==> flow/design.v <==
module cmp_unit_p #(
   parameter W = 128
) (
   input wire clk,
   input wire adv,
   input wire [W-1:0] a,
   input wire [W-1:0] b,
   output reg a_gt_b,
   output reg lt
);
   reg [W-1:0] a_d1;
   reg [W-1:0] b_d1;
   always @(posedge clk) begin
      if (adv) begin
         a_d1 <= a;
         b_d1 <= b;
      end
   end
   reg g;
   reg l;
   integer k;
   always @(*) begin
      g = 1'b0;
      l = 1'b0;
      for (k = W-1; k >= 0; k = k - 1) begin
         if (!g && !l) begin
            g = a_d1[k] & ~b_d1[k];
            l = ~a_d1[k] & b_d1[k];
         end
      end
   end
   always @(posedge clk) begin
      if (adv) begin
         a_gt_b <= g;
         lt <= l;
      end
   end
endmodule
=== From RTL to reports: cmp_unit_p ===
What the tools print for cmp_unit_p, step after step.
Line numbers count from 1 in the design file above.
Operators: Yosys type, input widths -> output width; for muxes data width and select width s.
Library cell names are shortened.
A cell with n/a has no value.

* Top module: cmp_unit_p
* Clock port: clk
* Cell library: sky130hd
* Timing corner: tt_025C_1v80

=== After elaboration ===
Source: Yosys, flattened and elaborated, memories not mapped. Widths are those after wreduce; folded enables and synchronous resets count as part of the registers. Registers that Yosys merges into a memory's read port (data or address) are not register bits. Print and check cells do not count. Equal cells are merged and count once.

* Add/subtract/negate cells: 0
* $mul: 0
* Divide/modulo/power cells: 0
* $lt $le $gt $ge: 0
* Equal/unequal tests: 0
* Shift-type cells: 0
* Multiplexer cells: 254
* Bitwise logic cells: 512
* Reductions and logical operators: 381

{| class="wikitable"
|+ Operators by type and width
! operator !! count
|-
| $and 1x1->1 || 256
|-
| $not 1->1 || 256
|-
| $logic_not 1->1 || 254
|-
| $mux 1 || 254
|-
| $logic_and 1x1->1 || 127
|}

* Register bits after elaboration: 258
* Bits in latches: 0
* RAM bits: 0
* ROM bits: 0
* Clocked read ports x word width: 0
* Memories: 0

=== Logic depth ===
Longest topological path by Yosys (ltp), each cell counted once; first at word level (registers and memories cut), then after technology mapping (sequential cells cut; the memories' decode and read muxes count).

* Depth in word-level cells: 383
* ABC_AREA: 1
* Mapped depth: 257
* Gate-level depth less buffers: 257

=== After synthesis ===
Yosys stat after the flow's synthesis: flattened, memories mapped to cells. It holds for the ABC_AREA given above (unset counts as 0); a run with the other value may have another netlist.

* Cell count: 1,531
* Synthesis area: 12,861.1 um2
* Sequential part of the area: 7,747.4 um2
* Flip-flop cells: 258

{| class="wikitable"
|+ Cells by type
! cell !! count
|-
| edfxtp_1 || 258
|-
| nand3_1 || 254
|-
| inv_1 || 259
|-
| nand2_1 || 256
|-
| nor2_1 || 252
|-
| inv_2 || 250
|-
| ha_1 || 2
|}

=== Path before layout ===
Path of least setup slack by OpenSTA after synthesis, without wires, with an ideal clock, recovery checks aside; 20% of the period is set as input and as output delay. Where synthesis merged equal registers, the netlist keeps one of their names.

* Path type: register -> register
* Start point: reg b_d1[127]
* End point: reg lt
* Period: 3,160 ps
* Setup time: 253 ps
* Time at the first pin: 0 ps
* Arrival: 13,338 ps
* Setup slack: -10,431 ps
* Delay of the path: 13,591 ps
* Driving pins on the path: 257
* Buffers on the path: 0
* Period reached after synthesis: 13,591 ps

"delay of the path" = arrival - input delay + setup time.
"driving pins on the path": output pins that drive a net of the path, with the launching flip-flop's if there is one; two outputs of one cell count as two.
"period reached after synthesis" = period - worst setup slack (recovery checks aside). The figure is calculated, with input and output delays left at 20% of the set period.
The rows between start and end are the longest chain of elaborated cells between them; the timing report does not say that the signal goes this way. Where chains are equally long, one stands for them.
Each line given opens the expression or statement behind the cell; cells for indexed reads and writes are added by Yosys, which also makes memories of some case tables.

* Path through: edfxtp_1 > ha_1 > inv_1 > nand2_1 > nand2_1 > inv_2 > nand2_1 > inv_2 > nand2_1 > inv_2 > nand2_1 > inv_2 > nand2_1 > inv_2 > nand2_1 > inv_2 > nand2_1 > inv_2 > [... 221 more ...] > inv_2 > nand2_1 > inv_2 > nand2_1 > inv_2 > nand2_1 > inv_2 > nand2_1 > inv_2 > nand2_1 > inv_2 > nand2_1 > inv_2 > nand2_1 > inv_2 > nand2_1 > inv_1 > nand2_1
* Cells in the longest elaborated chain: 383

{| class="wikitable"
|+ RTL lines, path after synthesis
! element !! line !! text
|-
| start: declaration || 12 || <nowiki>reg [W-1:0] b_d1;</nowiki>
|-
| start: assignment || 16 || <nowiki>b_d1 <= b;</nowiki>
|-
| $not 1->1 || 27 || <nowiki>g = a_d1[k] & ~b_d1[k];</nowiki>
|-
| $and 1x1->1 || 27 ||
|-
| $logic_not 1->1 || 26 || <nowiki>if (!g && !l) begin</nowiki>
|-
| $logic_and 1x1->1 || 26 ||
|-
| $mux 1 || 26 ||
|-
| $logic_not 1->1 || 26 ||
|-
| $logic_and 1x1->1 || 26 ||
|-
| [... 369 more ...] || n/a ||
|-
| $mux 1 || 26 ||
|-
| $logic_not 1->1 || 26 ||
|-
| $logic_and 1x1->1 || 26 ||
|-
| $mux 1 || 26 ||
|-
| $logic_not 1->1 || 26 ||
|-
| $logic_and 1x1->1 || 26 ||
|-
| $mux 1 || 26 ||
|-
| end: assignment || 35 || <nowiki>lt <= l;</nowiki>
|-
| end: declaration || 9 || <nowiki>output reg lt</nowiki>
|}

=== Timing after layout ===
From the final timing report of record 2: the path of least setup slack in the routed layout; clock arrival at registers is part of the times.
The path's times are printed in steps of 10 ps; the period is the one set.

* Path type: register -> register
* Start point: reg b_d1[127]
* End point: reg lt
* Period: 2,060 ps
* Setup time: 250 ps
* Time at the first pin: 570 ps
* Arrival: 15,530 ps
* Setup slack: -13,150 ps
* Driving pins on the path: 229
* Buffers on the path: 0

The rows between start and end are the longest chain of elaborated cells between them; the timing report does not say that the signal goes this way. Where chains are equally long, one stands for them.

* Path through: edfxtp_1 > ha_4 > nand3_1 > nand2_1 > inv_2 > nand3_1 > nand2_1 > inv_2 > nand2_1 > inv_2 > nand2_1 > inv_2 > nand3_1 > nand2_1 > inv_2 > nand3_1 > nand2_1 > inv_2 > [... 193 more ...] > inv_2 > nand2_1 > inv_2 > nand2_1 > inv_2 > nand2_1 > inv_2 > nand3_1 > nand2_1 > inv_2 > nand2_1 > inv_2 > nand3_1 > nand2_1 > inv_2 > nand2_1 > inv_1 > nand2_1
* Cells in the longest elaborated chain: 383

{| class="wikitable"
|+ RTL lines, path post-layout
! element !! line !! text
|-
| start: declaration || 12 || <nowiki>reg [W-1:0] b_d1;</nowiki>
|-
| start: assignment || 16 || <nowiki>b_d1 <= b;</nowiki>
|-
| $not 1->1 || 27 || <nowiki>g = a_d1[k] & ~b_d1[k];</nowiki>
|-
| $and 1x1->1 || 27 ||
|-
| $logic_not 1->1 || 26 || <nowiki>if (!g && !l) begin</nowiki>
|-
| $logic_and 1x1->1 || 26 ||
|-
| $mux 1 || 26 ||
|-
| $logic_not 1->1 || 26 ||
|-
| $logic_and 1x1->1 || 26 ||
|-
| [... 369 more ...] || n/a ||
|-
| $mux 1 || 26 ||
|-
| $logic_not 1->1 || 26 ||
|-
| $logic_and 1x1->1 || 26 ||
|-
| $mux 1 || 26 ||
|-
| $logic_not 1->1 || 26 ||
|-
| $logic_and 1x1->1 || 26 ||
|-
| $mux 1 || 26 ||
|-
| end: assignment || 35 || <nowiki>lt <= l;</nowiki>
|-
| end: declaration || 9 || <nowiki>output reg lt</nowiki>
|}

Wiki page: cmp_unit_p / flow data

Flow measurements of cmp_unit_p on sky130hd: 3 stored runs with different settings, listed in no order. Input and output delays are each 20% of the period that was set; the output load is 0.01 pF.
"achieved clock period" = clock period - worst setup slack. The figure is calculated, with input and output delays left at 20% of the set period.
"worst setup path time" is the time allowed to the run's worst setup path (the clock period less input and output delay, where it has them) less its slack. Clock arrival times count: a late capture clock shortens it, a late launch clock lengthens it.
"power" rests on the timing tool's default activity at the inputs, not on a simulated workload.
"worst setup path time" is given in steps of 10 ps.

Record 1
==> flow/run.sh <==
#!/bin/bash
# the make line also repeats the synthesis and layout settings of config.mk as NAME=value (left out here)
make -C /OpenROAD-flow-scripts/flow DESIGN_CONFIG=/design/flow/config.mk WORK_HOME=/design/flow/orfs CLKGATE_MAP_FILE= finish
==> flow/config.mk <==
export PLATFORM = sky130hd
export DESIGN_NAME = cmp_unit_p
export DESIGN_NICKNAME = cmp_unit_p
export VERILOG_FILES = /design/flow/design.v
export SDC_FILE = /design/flow/constraint.sdc
export NUM_CORES = 4
export LEC_CHECK = 0
export ABC_AREA = 0
export CAP_MARGIN = 20
export CELL_PAD_IN_SITES_DETAIL_PLACEMENT = 2
export CELL_PAD_IN_SITES_GLOBAL_PLACEMENT = 1
export CORE_ASPECT_RATIO = 0.93
export CORE_MARGIN = 3
export CORE_UTILIZATION = 60
export GPL_ROUTABILITY_DRIVEN = 0
export GPL_TIMING_DRIVEN = 1
export MAX_ROUTING_LAYER = met5
export MIN_ROUTING_LAYER = met1
export SETUP_SLACK_MARGIN = 0.44
export SLEW_MARGIN = 20
==> flow/constraint.sdc <==
create_clock -name core_clock -period 3.32 [get_ports {clk}]
set_input_delay 0.6640 -clock core_clock [delete_from_list [all_inputs] [get_ports {clk}]]
set_output_delay 0.6640 -clock core_clock [all_outputs]
set_load 0.01 [all_outputs]

==> results of record 1 <==
did not finish, placement stopped with DPL-0033

Record 2
==> flow/run.sh <==
#!/bin/bash
# the make line also repeats the synthesis and layout settings of config.mk as NAME=value (left out here)
make -C /OpenROAD-flow-scripts/flow DESIGN_CONFIG=/design/flow/config.mk WORK_HOME=/design/flow/orfs CLKGATE_MAP_FILE= finish
==> flow/config.mk <==
export PLATFORM = sky130hd
export DESIGN_NAME = cmp_unit_p
export DESIGN_NICKNAME = cmp_unit_p
export VERILOG_FILES = /design/flow/design.v
export SDC_FILE = /design/flow/constraint.sdc
export NUM_CORES = 4
export LEC_CHECK = 0
export ABC_AREA = 1
export CAP_MARGIN = 15
export CELL_PAD_IN_SITES_GLOBAL_PLACEMENT = 2
export CORE_ASPECT_RATIO = 1.12
export CORE_MARGIN = 2
export CORE_UTILIZATION = 31
export CTS_CLUSTER_SIZE = 18
export GPL_ROUTABILITY_DRIVEN = 0
export PLACE_DENSITY = 0.47
export SLEW_MARGIN = 20
==> flow/constraint.sdc <==
create_clock -name core_clock -period 2.06 [get_ports {clk}]
set_input_delay 0.4120 -clock core_clock [delete_from_list [all_inputs] [get_ports {clk}]]
set_output_delay 0.4120 -clock core_clock [all_outputs]
set_load 0.01 [all_outputs]

==> results of record 2 <==
chip area after synthesis (Yosys): 12,861.1 um2
die area: 43,135.9 um2
standard-cell area of the final layout: 17,244.0 um2
utilization: 0.424
worst setup slack after layout: -13,146 ps
total negative slack: -26,273 ps
worst hold slack: 191 ps
power: 15,182 µW
achieved clock period: 15,207 ps
worst setup path time: 15,210 ps
worst setup path kind: register -> register

Record 3
==> flow/run.sh <==
#!/bin/bash
# the make line also repeats the synthesis and layout settings of config.mk as NAME=value (left out here)
make -C /OpenROAD-flow-scripts/flow DESIGN_CONFIG=/design/flow/config.mk WORK_HOME=/design/flow/orfs CLKGATE_MAP_FILE= finish
==> flow/config.mk <==
export PLATFORM = sky130hd
export DESIGN_NAME = cmp_unit_p
export DESIGN_NICKNAME = cmp_unit_p
export VERILOG_FILES = /design/flow/design.v
export SDC_FILE = /design/flow/constraint.sdc
export NUM_CORES = 4
export LEC_CHECK = 0
export CAP_MARGIN = 20
export CORE_MARGIN = 2
export CORE_UTILIZATION = 40
export SLEW_MARGIN = 20
==> flow/constraint.sdc <==
create_clock -name core_clock -period 3.16 [get_ports {clk}]
set_input_delay 0.6320 -clock core_clock [delete_from_list [all_inputs] [get_ports {clk}]]
set_output_delay 0.6320 -clock core_clock [all_outputs]
set_load 0.01 [all_outputs]

==> results of record 3 <==
chip area after synthesis (Yosys): 10,996.8 um2
die area: 28,833.7 um2
standard-cell area of the final layout: 14,954.3 um2
utilization: 0.555
worst setup slack after layout: 135 ps
total negative slack: 0 ps
worst hold slack: 572 ps
power: 8,297 µW
achieved clock period: 3,025 ps
worst setup path time: 3,020 ps
worst setup path kind: register -> register
